==> flow/design.v <==
module gen_sel_unit_v2 #(
  parameter BITS = 10
) (
  input clock,
  input rst,
  input [BITS-1:0] bus_0,
  input [BITS-1:0] bus_1,
  input [BITS-1:0] bus_2,
  input [BITS-1:0] bus_3,
  input [BITS-1:0] bus_4,
  input [BITS-1:0] bus_5,
  input [BITS-1:0] bus_6,
  input [BITS-1:0] bus_7,
  input [BITS-1:0] bus_8,
  input [BITS-1:0] bus_9,
  input [BITS-1:0] bus_10,
  input [BITS-1:0] bus_11,
  input [BITS-1:0] bus_12,
  input [BITS-1:0] bus_13,
  input [BITS-1:0] bus_14,
  input [BITS-1:0] bus_15,
  input [3:0] choose,
  output [BITS-1:0] res
);
  reg [BITS-1:0] bus_0_q;
  reg [BITS-1:0] bus_1_q;
  reg [BITS-1:0] bus_2_q;
  reg [BITS-1:0] bus_3_q;
  reg [BITS-1:0] bus_4_q;
  reg [BITS-1:0] bus_5_q;
  reg [BITS-1:0] bus_6_q;
  reg [BITS-1:0] bus_7_q;
  reg [BITS-1:0] bus_8_q;
  reg [BITS-1:0] bus_9_q;
  reg [BITS-1:0] bus_10_q;
  reg [BITS-1:0] bus_11_q;
  reg [BITS-1:0] bus_12_q;
  reg [BITS-1:0] bus_13_q;
  reg [BITS-1:0] bus_14_q;
  reg [BITS-1:0] bus_15_q;
  reg [3:0] choose_q;
  wire [BITS-1:0] r;
  assign r =
    (choose_q == 4'd0) ? bus_0_q :
    (choose_q == 4'd1) ? bus_1_q :
    (choose_q == 4'd2) ? bus_2_q :
    (choose_q == 4'd3) ? bus_3_q :
    (choose_q == 4'd4) ? bus_4_q :
    (choose_q == 4'd5) ? bus_5_q :
    (choose_q == 4'd6) ? bus_6_q :
    (choose_q == 4'd7) ? bus_7_q :
    (choose_q == 4'd8) ? bus_8_q :
    (choose_q == 4'd9) ? bus_9_q :
    (choose_q == 4'd10) ? bus_10_q :
    (choose_q == 4'd11) ? bus_11_q :
    (choose_q == 4'd12) ? bus_12_q :
    (choose_q == 4'd13) ? bus_13_q :
    (choose_q == 4'd14) ? bus_14_q :
    bus_15_q;
  reg [BITS-1:0] res_q;
  assign res = res_q;
  always @(posedge clock or posedge rst) begin
    if (rst) begin
      bus_0_q <= 0;
      bus_1_q <= 0;
      bus_2_q <= 0;
      bus_3_q <= 0;
      bus_4_q <= 0;
      bus_5_q <= 0;
      bus_6_q <= 0;
      bus_7_q <= 0;
      bus_8_q <= 0;
      bus_9_q <= 0;
      bus_10_q <= 0;
      bus_11_q <= 0;
      bus_12_q <= 0;
      bus_13_q <= 0;
      bus_14_q <= 0;
      bus_15_q <= 0;
      choose_q <= 0;
      res_q <= 0;
    end else begin
      bus_0_q <= bus_0;
      bus_1_q <= bus_1;
      bus_2_q <= bus_2;
      bus_3_q <= bus_3;
      bus_4_q <= bus_4;
      bus_5_q <= bus_5;
      bus_6_q <= bus_6;
      bus_7_q <= bus_7;
      bus_8_q <= bus_8;
      bus_9_q <= bus_9;
      bus_10_q <= bus_10;
      bus_11_q <= bus_11;
      bus_12_q <= bus_12;
      bus_13_q <= bus_13;
      bus_14_q <= bus_14;
      bus_15_q <= bus_15;
      choose_q <= choose;
      res_q <= r;
    end
  end
endmodule
# Reports on gen_sel_unit_v2
# What the tools print for gen_sel_unit_v2, step after step.
# Line numbers count from 1 in the design file above.
# Operators carry their Yosys type and port widths (W data, S select, Z words).
# Cell names lack the library's common part.
# The mark -- stands for no value.
dict set report inputs {
  top {gen_sel_unit_v2}
  clock_port {clock}
  lib {sky130hd}
  lib_corner {tt_025C_1v80}
}

# Word-level counts
# Source: Yosys, flattened and elaborated, memories not mapped. Widths are those after wreduce; folded enables and synchronous resets count as part of the registers. Registers that Yosys merges into a memory's read port (data or address) are not register bits. Print and check cells do not count. Equal cells are merged and count once.
dict set report classes {
  n_eq 14
  mux 15
  n_reduce_logical 1
}
# cell n
set ops {}
lappend ops {{$mux W10} 15}
lappend ops {{$eq A4 B4 Y1 const B} 7}
lappend ops {{$eq A4 B3 Y1 const B} 4}
lappend ops {{$eq A4 B2 Y1 const B} 2}
lappend ops {{$eq A4 B1 Y1 const B} 1}
lappend ops {{$logic_not A4 Y1} 1}
dict set report word_totals {
  input_bits 166
  reg_bits 174
  wordCells 48
  out_inout_bits 10
}

# Longest topological paths
# Yosys ltp: most cells in a row. Word level: on the elaborated netlist, between registers, memories and ports. Mapped: between sequential cells and ports; inverters and the memories' decode and read muxes count.
dict set report logic_depth {
  depth_word 16
  ABC_AREA 0
  ltp_mapped 9
  mapped_depth_nobuf 6
}

# Synthesis result
# The flow's flattened synthesis, as Yosys stat reports it; memories are mapped. The netlist is that of the ABC_AREA named above (0 if unset); the other value can give another one.
# The area totals of this step are shown rounded.
# type n
set by_type {}
lappend by_type {dfrtp_1 174}
lappend by_type {mux2i_1 22}
lappend by_type {a21oi_1 40}
lappend by_type {o21ai_0 26}
lappend by_type {o22ai_1 20}
lappend by_type {mux2_2 8}
lappend by_type {mux4_2 4}
lappend by_type {nand2_1 24}
lappend by_type {nor2_1 19}
lappend by_type {buf_2 12}
lappend by_type {buf_4 8}
lappend by_type {a22oi_1 7}
lappend by_type {a211oi_1 6}
lappend by_type {buf_6 4}
lappend by_type {nor3_1 9}
lappend by_type {nand2b_1 7}
lappend by_type {a221o_1 4}
lappend by_type {nand3_1 7}
# Not listed: further types 38, cells in them 80.
dict set report synth_totals {
  ffs 174
  area_um2 6385
  seqArea_um2 4354
  cell_count 481
}

# Timing after synthesis
# Source: OpenSTA report_checks on the synthesized netlist (no wires, ideal clock, input and output delay 20% of the period each), path of least setup slack; recovery checks are left aside. Register names are those of the netlist, which keeps one name where synthesis merged equal registers.
dict set report synth_timing {
  path_kind {register to register}
  startpoint {register (name not given)}
  endpoint {register res_q[7]}
  delay_ps 1643
  t_arrival_ps 1514
  required_ps 1921
  period_ps 2050
  n_path_buf 1
  stages 8
  setup_time_ps 129
  setup_slack_ps 407
  launch_ps 0
  period_less_setup_slack_ps 1643
}
# "delay_ps" = arrival - input delay + setup time.
# "stages" counts driving pins, that of a launching flip-flop among them; a cell with two outputs on the path counts twice.
# "period_less_setup_slack_ps" is the clock period less the worst setup slack; recovery checks do not enter. This is arithmetic on one report: input and output delays are still those of the set period (20% each).
# The rows between start and end are the longest chain of elaborated cells between them; the timing report does not say that the signal goes this way. Where chains are equally long, one stands for them.
# Each line given opens the expression or statement behind the cell; cells for indexed reads and writes are added by Yosys, which also makes memories of some case tables.
dict set report synth_between {
  path_cell_list {dfrtp_1 -> buf_6 -> or4b_4 -> o32ai_2 -> a21oi_1 -> o2111ai_1 -> a21boi_2 -> a21oi_1}
  elab_chain_cells 16
  cone_cells 30
  cone_lines 15
}
# item line
set synth_rtl {}
lappend synth_rtl {{start: declaration} 41}
lappend synth_rtl {{start: assignment} 80}
lappend synth_rtl {{start: assignment} 99}
lappend synth_rtl {{$eq A4 B4 Y1} 58}
lappend synth_rtl {{$mux W10} 58}
lappend synth_rtl {{$mux W10} 57}
lappend synth_rtl {{$mux W10} 56}
lappend synth_rtl {{$mux W10} 55}
lappend synth_rtl {{$mux W10} 54}
lappend synth_rtl {{$mux W10} 53}
lappend synth_rtl {{[2 not listed]} --}
lappend synth_rtl {{$mux W10} 50}
lappend synth_rtl {{$mux W10} 49}
lappend synth_rtl {{$mux W10} 48}
lappend synth_rtl {{$mux W10} 47}
lappend synth_rtl {{$mux W10} 46}
lappend synth_rtl {{$mux W10} 45}
lappend synth_rtl {{$mux W10} 44}
lappend synth_rtl {{end: assignment} 81} ;# res_q <= 0;
lappend synth_rtl {{end: assignment} 100} ;# res_q <= r;
lappend synth_rtl {{end: declaration} 60} ;# reg [BITS-1:0] res_q;

# Worst path after layout
# From the final timing report of entry A: the path of least setup slack in the routed layout; clock arrival at registers is part of the times.
# The path's times are printed in steps of 10 ps; the period is the one set.
dict set report layout_timing {
  path_kind {register to register}
  startpoint {register (name not given)}
  endpoint {register res_q[2]}
  launch_ps 420
  stages 7
  required_ps 2350
  period_ps 2050
  t_arrival_ps 2300
  setup_slack_ps 50
  setup_time_ps 120
  n_path_buf 1
}
# The rows between start and end are the longest chain of elaborated cells between them; the timing report does not say that the signal goes this way. Where chains are equally long, one stands for them.
dict set report layout_between {
  path_cell_list {dfrtp_4 -> buf_12 -> or4b_4 -> o21ai_1 -> o22ai_1 -> a21oi_1 -> o22ai_1}
  elab_chain_cells 16
  cone_cells 30
  cone_lines 15
}
# item line
set layout_rtl {}
lappend layout_rtl {{start: declaration} 41}
lappend layout_rtl {{start: assignment} 80}
lappend layout_rtl {{start: assignment} 99}
lappend layout_rtl {{$eq A4 B4 Y1} 58}
lappend layout_rtl {{$mux W10} 58}
lappend layout_rtl {{$mux W10} 57}
lappend layout_rtl {{$mux W10} 56}
lappend layout_rtl {{$mux W10} 55}
lappend layout_rtl {{$mux W10} 54}
lappend layout_rtl {{$mux W10} 53}
lappend layout_rtl {{[2 not listed]} --}
lappend layout_rtl {{$mux W10} 50}
lappend layout_rtl {{$mux W10} 49}
lappend layout_rtl {{$mux W10} 48}
lappend layout_rtl {{$mux W10} 47}
lappend layout_rtl {{$mux W10} 46}
lappend layout_rtl {{$mux W10} 45}
lappend layout_rtl {{$mux W10} 44}
lappend layout_rtl {{end: assignment} 81} ;# res_q <= 0;
lappend layout_rtl {{end: assignment} 100} ;# res_q <= r;
lappend layout_rtl {{end: declaration} 60} ;# reg [BITS-1:0] res_q;

Appendix: measured runs

Design gen_sel_unit_v2 on sky130hd. What follows are 3 stored runs of the flow, each under its own settings; their order means nothing. The constraints put input and output delay at 20% of the set period each and load the outputs with 0.01 pF.
"achieved_period_ps" means the clock period less the worst setup slack. The figure is calculated, with input and output delays left at 20% of the set period.
"worst_path_time_ps" = time allowed to the worst setup path (clock period - input delay - output delay, where it has them) - its slack; a late launch clock adds to it, a late capture clock takes from it.
"totalPower_w" rests on the timing tool's default activity at the inputs, not on a simulated workload.
"worst_path_time_ps" is given in steps of 10 ps.
The results are shown rounded.

[flow] entry A: files
==> flow/run.sh <==
#!/bin/bash
# the make line also repeats the synthesis and layout settings of config.mk as NAME=value (left out here)
make -C /OpenROAD-flow-scripts/flow DESIGN_CONFIG=/design/flow/config.mk WORK_HOME=/design/flow/orfs CLKGATE_MAP_FILE= finish
==> flow/config.mk <==
export PLATFORM = sky130hd
export DESIGN_NAME = gen_sel_unit_v2
export DESIGN_NICKNAME = gen_sel_unit_v2
export VERILOG_FILES = /design/flow/design.v
export SDC_FILE = /design/flow/constraint.sdc
export NUM_CORES = 4
export LEC_CHECK = 0
export CAP_MARGIN = 20
export CORE_MARGIN = 2
export CORE_UTILIZATION = 40
export SLEW_MARGIN = 20
==> flow/constraint.sdc <==
create_clock -name core_clock -period 2.05 [get_ports {clock}]
set_input_delay 0.4100 -clock core_clock [delete_from_list [all_inputs] [get_ports {clock}]]
set_output_delay 0.4100 -clock core_clock [all_outputs]
set_load 0.01 [all_outputs]

[flow] entry A: metrics
[metrics] achieved_period_ps = 1999
[metrics] post_synth_area_um2 = 6385
[metrics] timing.setup.ws_ps = 51
[metrics] totalPower_w = 0.007931
[metrics] setup_tns_ps = 0
[metrics] worst_path_time_ps = 2000
[metrics] critical_path_kind = register to register
[metrics] die_um2 = 16990
[metrics] finish.utilization_pct = 58.0
[metrics] post_route_stdcell_area_um2 = 9141

[flow] entry B: files
==> flow/run.sh <==
#!/bin/bash
# the make line also repeats the synthesis and layout settings of config.mk as NAME=value (left out here)
make -C /OpenROAD-flow-scripts/flow DESIGN_CONFIG=/design/flow/config.mk WORK_HOME=/design/flow/orfs CLKGATE_MAP_FILE= finish
==> flow/config.mk <==
export PLATFORM = sky130hd
export DESIGN_NAME = gen_sel_unit_v2
export DESIGN_NICKNAME = gen_sel_unit_v2
export VERILOG_FILES = /design/flow/design.v
export SDC_FILE = /design/flow/constraint.sdc
export NUM_CORES = 4
export LEC_CHECK = 0
export CAP_MARGIN = 5
export CELL_PAD_IN_SITES_DETAIL_PLACEMENT = 0
export CELL_PAD_IN_SITES_GLOBAL_PLACEMENT = 2
export CORE_ASPECT_RATIO = 1.53
export CORE_MARGIN = 2
export CORE_UTILIZATION = 42
export CTS_CLUSTER_DIAMETER = 305
export MAX_ROUTING_LAYER = met5
export PLACE_DENSITY_LB_ADDON = 0.03
export SLEW_MARGIN = 10
export TNS_END_PERCENT = 85
==> flow/constraint.sdc <==
create_clock -name core_clock -period 1.15 [get_ports {clock}]
set_input_delay 0.2300 -clock core_clock [delete_from_list [all_inputs] [get_ports {clock}]]
set_output_delay 0.2300 -clock core_clock [all_outputs]
set_load 0.01 [all_outputs]

[flow] entry B: metrics
[metrics] achieved_period_ps = 1859
[metrics] post_synth_area_um2 = 6385
[metrics] timing.setup.ws_ps = -709
[metrics] totalPower_w = 0.01422
[metrics] setup_tns_ps = -6784
[metrics] worst_path_time_ps = 1860
[metrics] critical_path_kind = register to register
[metrics] die_um2 = 16230
[metrics] finish.utilization_pct = 65.9
[metrics] post_route_stdcell_area_um2 = 9802

[flow] entry C: files
==> flow/run.sh <==
#!/bin/bash
# the make line also repeats the synthesis and layout settings of config.mk as NAME=value (left out here)
make -C /OpenROAD-flow-scripts/flow DESIGN_CONFIG=/design/flow/config.mk WORK_HOME=/design/flow/orfs CLKGATE_MAP_FILE= finish
==> flow/config.mk <==
export PLATFORM = sky130hd
export DESIGN_NAME = gen_sel_unit_v2
export DESIGN_NICKNAME = gen_sel_unit_v2
export VERILOG_FILES = /design/flow/design.v
export SDC_FILE = /design/flow/constraint.sdc
export NUM_CORES = 4
export LEC_CHECK = 0
export ABC_AREA = 0
export CAP_MARGIN = 15
export CORE_ASPECT_RATIO = 1.2
export CORE_MARGIN = 10
export CORE_UTILIZATION = 56
export CTS_CLUSTER_DIAMETER = 138
export MIN_ROUTING_LAYER = met1
export SLEW_MARGIN = 40
==> flow/constraint.sdc <==
create_clock -name core_clock -period 2.19 [get_ports {clock}]
set_input_delay 0.4380 -clock core_clock [delete_from_list [all_inputs] [get_ports {clock}]]
set_output_delay 0.4380 -clock core_clock [all_outputs]
set_load 0.01 [all_outputs]

[flow] entry C: metrics
[metrics] achieved_period_ps = 2126
[metrics] post_synth_area_um2 = 6385
[metrics] timing.setup.ws_ps = 64
[metrics] totalPower_w = 0.007384
[metrics] setup_tns_ps = 0
[metrics] worst_path_time_ps = 2130
[metrics] critical_path_kind = register to register
[metrics] die_um2 = 16090
[metrics] finish.utilization_pct = 80.6
[metrics] post_route_stdcell_area_um2 = 8941
